==> flow/design.v <==
module core_mpy_rtl (aclk, reset, adv, i_arg0, i_arg1, i_start, o_prod);
    parameter DATA_WIDTH = 6;
    parameter GB = 2;
    input aclk;
    input reset;
    input adv;
    input [DATA_WIDTH-1:0] i_arg0;
    input [DATA_WIDTH-1:0] i_arg1;
    input i_start;
    output [2*DATA_WIDTH+GB-1:0] o_prod;
    reg [DATA_WIDTH-1:0] arg0_r;
    reg [DATA_WIDTH-1:0] arg1_r;
    reg start_r;
    wire [2*DATA_WIDTH-1:0] t;
    assign t = arg0_r * arg1_r;
    reg [2*DATA_WIDTH+GB-1:0] cnt;
    assign o_prod = cnt;
    always @(posedge aclk) begin
        if (reset) begin
            arg0_r <= 0;
            arg1_r <= 0;
            start_r <= 1'b0;
            cnt <= 0;
        end else if (adv) begin
            arg0_r <= i_arg0;
            arg1_r <= i_arg1;
            start_r <= i_start;
            cnt <= start_r ? t : cnt + t;
        end
    end
endmodule
==> Step by step through the tools: core_mpy_rtl <==
Tool output for the design above, in the order of the flow.
Lines are those of the file above, counted from 1.
Cell names lack the library's common part.
{ "design": {"top_module": "core_mpy_rtl", "clock": "aclk", "cell_library": "sky130hd", "lib_corner": "tt_025C_1v80"} }

==> After elaboration <==
Yosys after proc, flatten, opt, wreduce and memory -nomap, before mapping. Enables and synchronous resets that opt folds into registers are not counted as muxes. Memory bits, and registers merged into a memory's read port (data or address), are not among the register bits. Print and check cells are not counted. Equal cells are merged and count once.
{ "op_classes": {"n_addsub": 1, "mul": 1, "muxes": 1} }
{ "op_table": {"columns": ["operator", "n"], "rows": [
  ["multiplier 6 x 6 -> 12 bit", 1],
  ["adder 14 x 12 -> 14 bit", 1],
  ["two-way mux 14 bit", 1]
]} }
{ "word_totals": {"register_bits": 27, "output_inout_bits": 14, "elab_cells": 7} }

==> Logic depth <==
Depth = most cells in a row (Yosys ltp): at word level without a register or memory, in the mapped netlist without a sequential cell, where the memories' decode and read muxes count.
{ "logic_depth": {"word_depth": 3, "ABC_AREA": 0, "depth_mapped": 18, "mapped_depth_nobuf": 18} }

==> After synthesis <==
Source: synth_stat.txt of the flow (Yosys; design flattened, memories mapped). It holds for the ABC_AREA given above (unset counts as 0); a run with the other value may have another netlist.
{ "synth_totals": {"stdcells": 307, "area_mm2": 0.0027013, "sequential_area_mm2": 0.0005405, "ffs": 27} }
{ "by_type": {"columns": ["type", "n", "area_total_um2"], "rows": [
  ["dfxtp_1", 27, 540.518],
  ["ha_1", 34, 425.408],
  ["fa_1", 18, 360.346],
  ["mux2i_1", 20, 200.192],
  ["and2_1", 27, 168.912],
  ["nor2_1", 34, 127.622],
  ["inv_1", 26, 97.594],
  ["a211oi_1", 11, 82.579],
  ["nand2_1", 19, 71.318],
  ["xnor2_1", 8, 70.067],
  ["a21oi_1", 13, 65.062],
  ["xor2_1", 6, 52.55],
  ["o21ai_0", 8, 40.038],
  ["o21a_1", 5, 37.536],
  ["a2111oi_4", 1, 27.526],
  ["nand2b_1", 4, 25.024],
  ["a21o_1", 3, 22.522],
  ["o21bai_1", 3, 22.522]
]} }
Not listed: further types 22, cells in them 40.

==> Worst setup path after synthesis <==
OpenSTA on the mapped netlist: ideal clock, no wires. The path of least setup slack (recovery checks aside). Input and output delay are each 20% of the period. Register names are those of the netlist, which keeps one name where synthesis merged equal registers.
{ "synth_timing": {"path_kind": "reg-to-reg", "start": "register arg1_r[2]", "end": "register cnt[13]", "period_ns": 5.86, "setup_time_ns": 0.134, "launch_ns": 0.000, "arrival_time_ns": 4.551, "required_ns": 5.726, "path_slack_ns": 1.175, "path_delay_ns": 4.685, "driving_pins": 19, "period_less_setup_slack_ns": 4.685} }
"path_delay_ns" is the arrival time less input delay plus setup time.
"driving_pins": output pins that drive a net of the path, with the launching flip-flop's if there is one; two outputs of one cell count as two.
"period_less_setup_slack_ns" = period - worst setup slack (recovery checks aside). The figure is calculated, with input and output delays left at 20% of the set period.
The rows between start and end are the longest chain of elaborated cells between them; the timing report does not say that the signal goes this way. Where chains are equally long, one stands for them.
Each line given opens the expression or statement behind the cell; cells for indexed reads and writes are added by Yosys, which also makes memories of some case tables.
{ "synth_via": {"path_cell_list": "dfxtp_1 > and2_1 > fa_1 > inv_1 > fa_1 > fa_1 > inv_1 > ha_1 > nor2b_4 > o2111a_2 > a2111oi_4 > xnor2_1 > ha_1 > and3_1 > nand2_1 > a211oi_1 > o31ai_1 > mux2i_1 > o21ai_0", "elab_chain_len": 3, "cells_between": 3} }
{ "synth_lines": {"columns": ["element", "line_no", "text"], "rows": [
  ["start, declared", 12, "reg [DATA_WIDTH-1:0] arg1_r;"],
  ["start, assigned", 21, "arg1_r <= 0;"],
  ["start, assigned", 26, "arg1_r <= i_arg1;"],
  ["multiplier 6 x 6 -> 12 bit", 15, "assign t = arg0_r * arg1_r;"],
  ["adder 14 x 12 -> 14 bit", 28, "cnt <= start_r ? t : cnt + t;"],
  ["two-way mux 14 bit", 28, null],
  ["end, assigned", 23, "cnt <= 0;"],
  ["end, assigned", 28, null],
  ["end, declared", 16, "reg [2*DATA_WIDTH+GB-1:0] cnt;"]
]} }

==> Worst path after layout <==
From the final timing report of run A: the path of least setup slack in the routed layout; clock arrival at registers is part of the times.
{ "layout_timing": {"path_kind": "reg-to-reg", "start": "register arg1_r[2]", "end": "register cnt[13]", "period_ns": 5.86, "setup_time_ns": 0.12, "launch_ns": 0.28, "arrival_time_ns": 5.11, "required_ns": 6.02, "path_slack_ns": 0.91, "driving_pins": 19} }
The rows between start and end are the longest chain of elaborated cells between them; the timing report does not say that the signal goes this way. Where chains are equally long, one stands for them.
{ "layout_via": {"path_cell_list": "dfxtp_1 > and2_1 > fa_1 > inv_1 > fa_1 > fa_1 > inv_1 > ha_1 > nor2b_4 > o2111a_2 > a2111oi_4 > xnor2_1 > ha_1 > and3_1 > nand2_1 > a211oi_1 > o31ai_1 > mux2i_1 > o21ai_0", "elab_chain_len": 3, "cells_between": 3} }
{ "layout_lines": {"columns": ["element", "line_no", "text"], "rows": [
  ["start, declared", 12, "reg [DATA_WIDTH-1:0] arg1_r;"],
  ["start, assigned", 21, "arg1_r <= 0;"],
  ["start, assigned", 26, "arg1_r <= i_arg1;"],
  ["multiplier 6 x 6 -> 12 bit", 15, "assign t = arg0_r * arg1_r;"],
  ["adder 14 x 12 -> 14 bit", 28, "cnt <= start_r ? t : cnt + t;"],
  ["two-way mux 14 bit", 28, null],
  ["end, assigned", 23, "cnt <= 0;"],
  ["end, assigned", 28, null],
  ["end, declared", 16, "reg [2*DATA_WIDTH+GB-1:0] cnt;"]
]} }

Lab notebook: core_mpy_rtl

Measured results for core_mpy_rtl: 2 stored runs of the Yosys and OpenROAD flow on sky130hd. The settings differ; the order carries no meaning. The constraints put input and output delay at 20% of the set period each and load the outputs with 0.01 pF.
"critical setup path time" means the part of the period allowed to the worst setup path (the constraints hold back 20% at inputs and 20% at outputs) less its slack; where the path has registers, the arrival times of their clocks count too.

==> run A: settings <==
{ "period_ns": 5.86, "CAP_MARGIN": 20, "CORE_MARGIN": 2, "CORE_UTILIZATION": 40, "SLEW_MARGIN": 20 }
==> run A: results <==
setup TNS: 0.000 ns
Yosys chip area after synthesis: 0.0027013 sq mm
post-route utilization: 48.2 %
die size: 0.007427 sq mm
standard-cell area of the final layout: 0.003113 sq mm
final worst hold slack: 0.514 ns
critical setup path time: 4.95 ns
critical path type: reg-to-reg
worst setup slack after layout: 0.913 ns

==> run B: settings <==
{ "period_ns": 3.78, "CORE_UTILIZATION": 67, "SETUP_SLACK_MARGIN": 0.48, "PLACE_DENSITY_LB_ADDON": 0.08, "CELL_PAD_IN_SITES_GLOBAL_PLACEMENT": 0, "CELL_PAD_IN_SITES_DETAIL_PLACEMENT": 0, "ABC_AREA": 1, "GPL_TIMING_DRIVEN": 1, "CTS_CLUSTER_DIAMETER": 60, "MIN_ROUTING_LAYER": "met1", "CAP_MARGIN": 20, "CORE_MARGIN": 2, "SLEW_MARGIN": 20 }
==> run B: results <==
not finished: routing ended with error DPL-0038
